==> flow/design.v <==
module mul_core_n #(
    parameter NBITS = 9
) (
    input  wire clk_i,
    input  wire resetn,
    input  wire [NBITS-1:0] x,
    input  wire [NBITS-1:0] y,
    output wire [2*NBITS-1:0] m
);
    reg [NBITS-1:0] x_r;
    always @(posedge clk_i or negedge resetn) begin
        if (~resetn) begin
            x_r <= 0;
        end else begin
            x_r <= x;
        end
    end
    reg [NBITS-1:0] y_r;
    always @(posedge clk_i or negedge resetn) begin
        if (~resetn) begin
            y_r <= 0;
        end else begin
            y_r <= y;
        end
    end
    reg [2*NBITS-1:0] val;
    integer n;
    always @* begin
        val = 0;
        for (n = 0; n < NBITS; n = n + 1)
            if (y_r[n]) val = val + (x_r << n);
    end
    assign m = val;
endmodule
---- Reports on mul_core_n ----
Tool output for the design above, in the order of the flow.
Lines are those of the file above, counted from 1.
Operators: Yosys type, input widths -> output width; for muxes data width and select width s.
Cell names lack the library's common part.
The mark n/a stands for no value.
set-up
  top ..................................... mul_core_n
  clock ................................... clk_i
  cell library ............................ sky130hd
  corner .................................. tt_025C_1v80

---- After elaboration ----
Counts by Yosys on the flattened word-level netlist (proc, flatten, opt, wreduce; memories kept). Register bits leave out memories and registers merged into their read ports (data or address); mux counts leave out enables and synchronous resets folded into registers. Print and check cells are left out. Cells with the same type and inputs are merged into one.
word-level totals
  register bits ........................... 18
  bits of input ports ..................... 20
  cells after elaboration ................. 19
  output and inout port bits .............. 18
cells by class
  add/sub/neg operators ................... 8
  multiplexer cells ....................... 9
operators by type and width
  kind            count
  $mux 18         8
  $add 18x10->18  1
  $add 18x11->18  1
  $add 18x12->18  1
  $add 18x13->18  1
  $add 18x14->18  1
  $add 18x15->18  1
  $add 18x16->18  1
  $add 18x17->18  1
  $mux 9          1

---- Depth ----
Longest topological path by Yosys (ltp), each cell counted once; first at word level (registers and memories cut), then after technology mapping (sequential cells cut; the memories' decode and read muxes count).
depth
  depth after elaboration ................. 17
  ABC_AREA ................................ 1
  gate-level depth with buffers ........... 65
  gate-level depth less buffers ........... 64

---- Netlist ----
Yosys stat after the flow's synthesis: flattened, memories mapped to cells. It holds for the ABC_AREA given above (unset counts as 0); a run with the other value may have another netlist.
synthesis totals
  sequential area ......................... 450.4 um^2
  cell count .............................. 692
  synthesis area .......................... 4480.5 um^2
  buffers ................................. 11
  flip-flop cells ......................... 18
cells by type
  cell type  count  area in all (um^2)
  ha_1       77     963.424
  nand2_1    197    739.459
  dfrtp_1    18     450.432
  nand3_1    65     325.312
  inv_1      85     319.056
  a21oi_1    45     225.216
  xor2_1     19     166.41
  fa_1       8      160.154
  xnor2_1    14     122.618
  o21ai_0    22     110.106
  nor2_1     28     105.101
  and2_1     16     100.096
  o21ai_2    8      70.067
  nand4_1    10     62.56
  nand3_2    6      60.058
  nand3b_1   7      52.55
  o21bai_1   7      52.55
  nand2_2    8      50.048
Not listed: further types 20, cells in them 52.

---- Timing after synthesis ----
OpenSTA on the mapped netlist: ideal clock, no wires. The path of least setup slack (recovery checks aside). Input and output delay are each 20% of the period. Register names are those of the netlist, which keeps one name where synthesis merged equal registers.
timing after synthesis
  path type ............................... register to output
  start point ............................. register x_r[1]
  end point ............................... output port m[16]
  external output delay ................... 3.020 ns
  required time ........................... 12.080 ns
  time at the first pin ................... 0.000 ns
  setup slack ............................. 3.242 ns
  stages on the path ...................... 58
  path delay .............................. 8.838 ns
  period .................................. 15.1 ns
  arrival ................................. 8.838 ns
  path buffers ............................ 0
  period reached after synthesis .......... 11.858 ns
"path delay" is the arrival time less input delay plus setup time.
A path that ends at an output port has no setup time.
"stages on the path": output pins that drive a net of the path, with the launching flip-flop's if there is one; two outputs of one cell count as two.
"period reached after synthesis" is the clock period less the worst setup slack; recovery checks do not enter. This is arithmetic on one report: input and output delays are still those of the set period (20% each).
The rows between start and end are the longest chain of elaborated cells between them; the timing report does not say that the signal goes this way. Where chains are equally long, one stands for them.
Each line given opens the expression or statement behind the cell; cells for indexed reads and writes are added by Yosys, which also makes memories of some case tables.
on the way, after synthesis
  cell sequence ........................... dfrtp_1 -> nand2_1 -> inv_1 -> ha_1 -> fa_1 -> xor2_1 -> or2_2 -> o21ai_0 -> inv_1 -> fa_1 -> o21ai_2 -> xnor2_1 -> o21ai_2 -> ha_1 -> a21oi_1 -> nand2_1 -> or2_2 -> nand3_1 -> [... 22 more ...] -> or2_2 -> nand3_1 -> nand2_1 -> ha_1 -> a21oi_1 -> or2_2 -> nand2_1 -> nand2_1 -> nand2_1 -> xor2_1 -> nand2_1 -> and2_1 -> ha_1 -> inv_1 -> o21ai_0 -> xor2_1 -> nand2_1 -> o21ai_0
  length of the longest elaborated chain .. 17
  elaborated cells between the ends (all ways) .. 17
  RTL lines with such cells ............... 1
  those cells by class .................... 8 x add/sub; 9 x mux
RTL lines, path after synthesis
  element             RTL line  RTL
  start: declaration  10        reg [NBITS-1:0] x_r;
  start: assignment   13        x_r <= 0;
  start: assignment   15        x_r <= x;
  $mux 9              31        if (y_r[n]) val = val + (x_r << n);
  $add 18x10->18      31
  $mux 18             31
  $add 18x11->18      31
  $mux 18             31
  $add 18x12->18      31
  $mux 18             31
  [... 3 more ...]    n/a
  $mux 18             31
  $add 18x15->18      31
  $mux 18             31
  $add 18x16->18      31
  $mux 18             31
  $add 18x17->18      31
  $mux 18             31
  end: declaration    8         output wire [2*NBITS-1:0] m

---- Timing after layout ----
Path of least setup slack in the final report of job 2 (OpenROAD, finished layout, wires in). Where an end is a register, its clock arrival counts in the times.
timing post-layout
  path type ............................... register to output
  start point ............................. register x_r[1]
  end point ............................... output port m[16]
  time at the first pin ................... 0.29 ns
  period .................................. 11.1 ns
  arrival ................................. 9.62 ns
  setup slack ............................. -0.74 ns
  stages on the path ...................... 56
  required time ........................... 8.88 ns
  external output delay ................... 2.22 ns
  path buffers ............................ 2
The rows between start and end are the longest chain of elaborated cells between them; the timing report does not say that the signal goes this way. Where chains are equally long, one stands for them.
on the way, post-layout
  cell sequence ........................... dfrtp_2 -> nand2_2 -> inv_2 -> ha_4 -> fa_2 -> nand4_1 -> nand2_2 -> xnor2_2 -> o21ai_2 -> ha_4 -> a21oi_4 -> o21ai_4 -> xnor2_2 -> o21ai_2 -> ha_4 -> buf_4 -> xnor2_2 -> o21ai_2 -> [... 20 more ...] -> nand2_2 -> ha_4 -> a21oi_2 -> inv_2 -> a31oi_4 -> nor2_2 -> o21ai_1 -> nand2_1 -> xnor2_1 -> nand2_1 -> and2_4 -> ha_4 -> a21oi_1 -> o21ai_2 -> xor2_1 -> nand2_1 -> o21ai_2 -> buf_2
  length of the longest elaborated chain .. 17
  elaborated cells between the ends (all ways) .. 17
  RTL lines with such cells ............... 1
  those cells by class .................... 8 x add/sub; 9 x mux
RTL lines, path post-layout
  element             RTL line  RTL
  start: declaration  10        reg [NBITS-1:0] x_r;
  start: assignment   13        x_r <= 0;
  start: assignment   15        x_r <= x;
  $mux 9              31        if (y_r[n]) val = val + (x_r << n);
  $add 18x10->18      31
  $mux 18             31
  $add 18x11->18      31
  $mux 18             31
  $add 18x12->18      31
  $mux 18             31
  [... 3 more ...]    n/a
  $mux 18             31
  $add 18x15->18      31
  $mux 18             31
  $add 18x16->18      31
  $mux 18             31
  $add 18x17->18      31
  $mux 18             31
  end: declaration    8         output wire [2*NBITS-1:0] m

==> runs of mul_core_n <==
mul_core_n through Yosys and OpenROAD on sky130hd: 3 stored runs, unordered, with their settings and measured results. The constraints put input and output delay at 20% of the set period each and load the outputs with 0.01 pF.
"achieved clock period" = clock period - worst setup slack. The figure is calculated, with input and output delays left at 20% of the set period.
"overall power" is the tool's figure for a default switching activity; nothing was simulated.

---- job 1 ----
settings
  period_ns = 19.3
  CORE_UTILIZATION = 59
  SETUP_SLACK_MARGIN = -1.68
  CORE_ASPECT_RATIO = 0.85
  CELL_PAD_IN_SITES_GLOBAL_PLACEMENT = 0
  CELL_PAD_IN_SITES_DETAIL_PLACEMENT = 2
  TNS_END_PERCENT = 15
  ABC_AREA = 0
  CAP_MARGIN = 15
  MAX_ROUTING_LAYER = met5
  CORE_MARGIN = 2
  SLEW_MARGIN = 20
results
  no results, placement failed with DPL-0033

---- job 2 ----
settings
  period_ns = 11.1
  CORE_UTILIZATION = 49
  SETUP_SLACK_MARGIN = 1.32
  PLACE_DENSITY_LB_ADDON = 0.16
  TNS_END_PERCENT = 60
  ABC_AREA = 1
  CAP_MARGIN = 35
  SLEW_MARGIN = 25
  MIN_ROUTING_LAYER = met1
  CORE_MARGIN = 2
results
  synthesized cell area ................... 4480.5 um^2
  total die area .......................... 9925.1 um^2
  standard-cell area after routing ........ 7689.9 um^2
  setup slack of the critical path ........ -0.735 ns
  total negative setup slack .............. -4.003 ns
  overall power ........................... 1586 uW
  achieved clock period ................... 11.835 ns

---- job 3 ----
settings
  period_ns = 15.1
  CAP_MARGIN = 20
  CORE_MARGIN = 2
  CORE_UTILIZATION = 40
  SLEW_MARGIN = 20
results
  synthesized cell area ................... 4654.5 um^2
  total die area .......................... 12514.9 um^2
  standard-cell area after routing ........ 5235.0 um^2
  setup slack of the critical path ........ 0.677 ns
  total negative setup slack .............. 0.000 ns
  overall power ........................... 871.9 uW
  achieved clock period ................... 14.423 ns
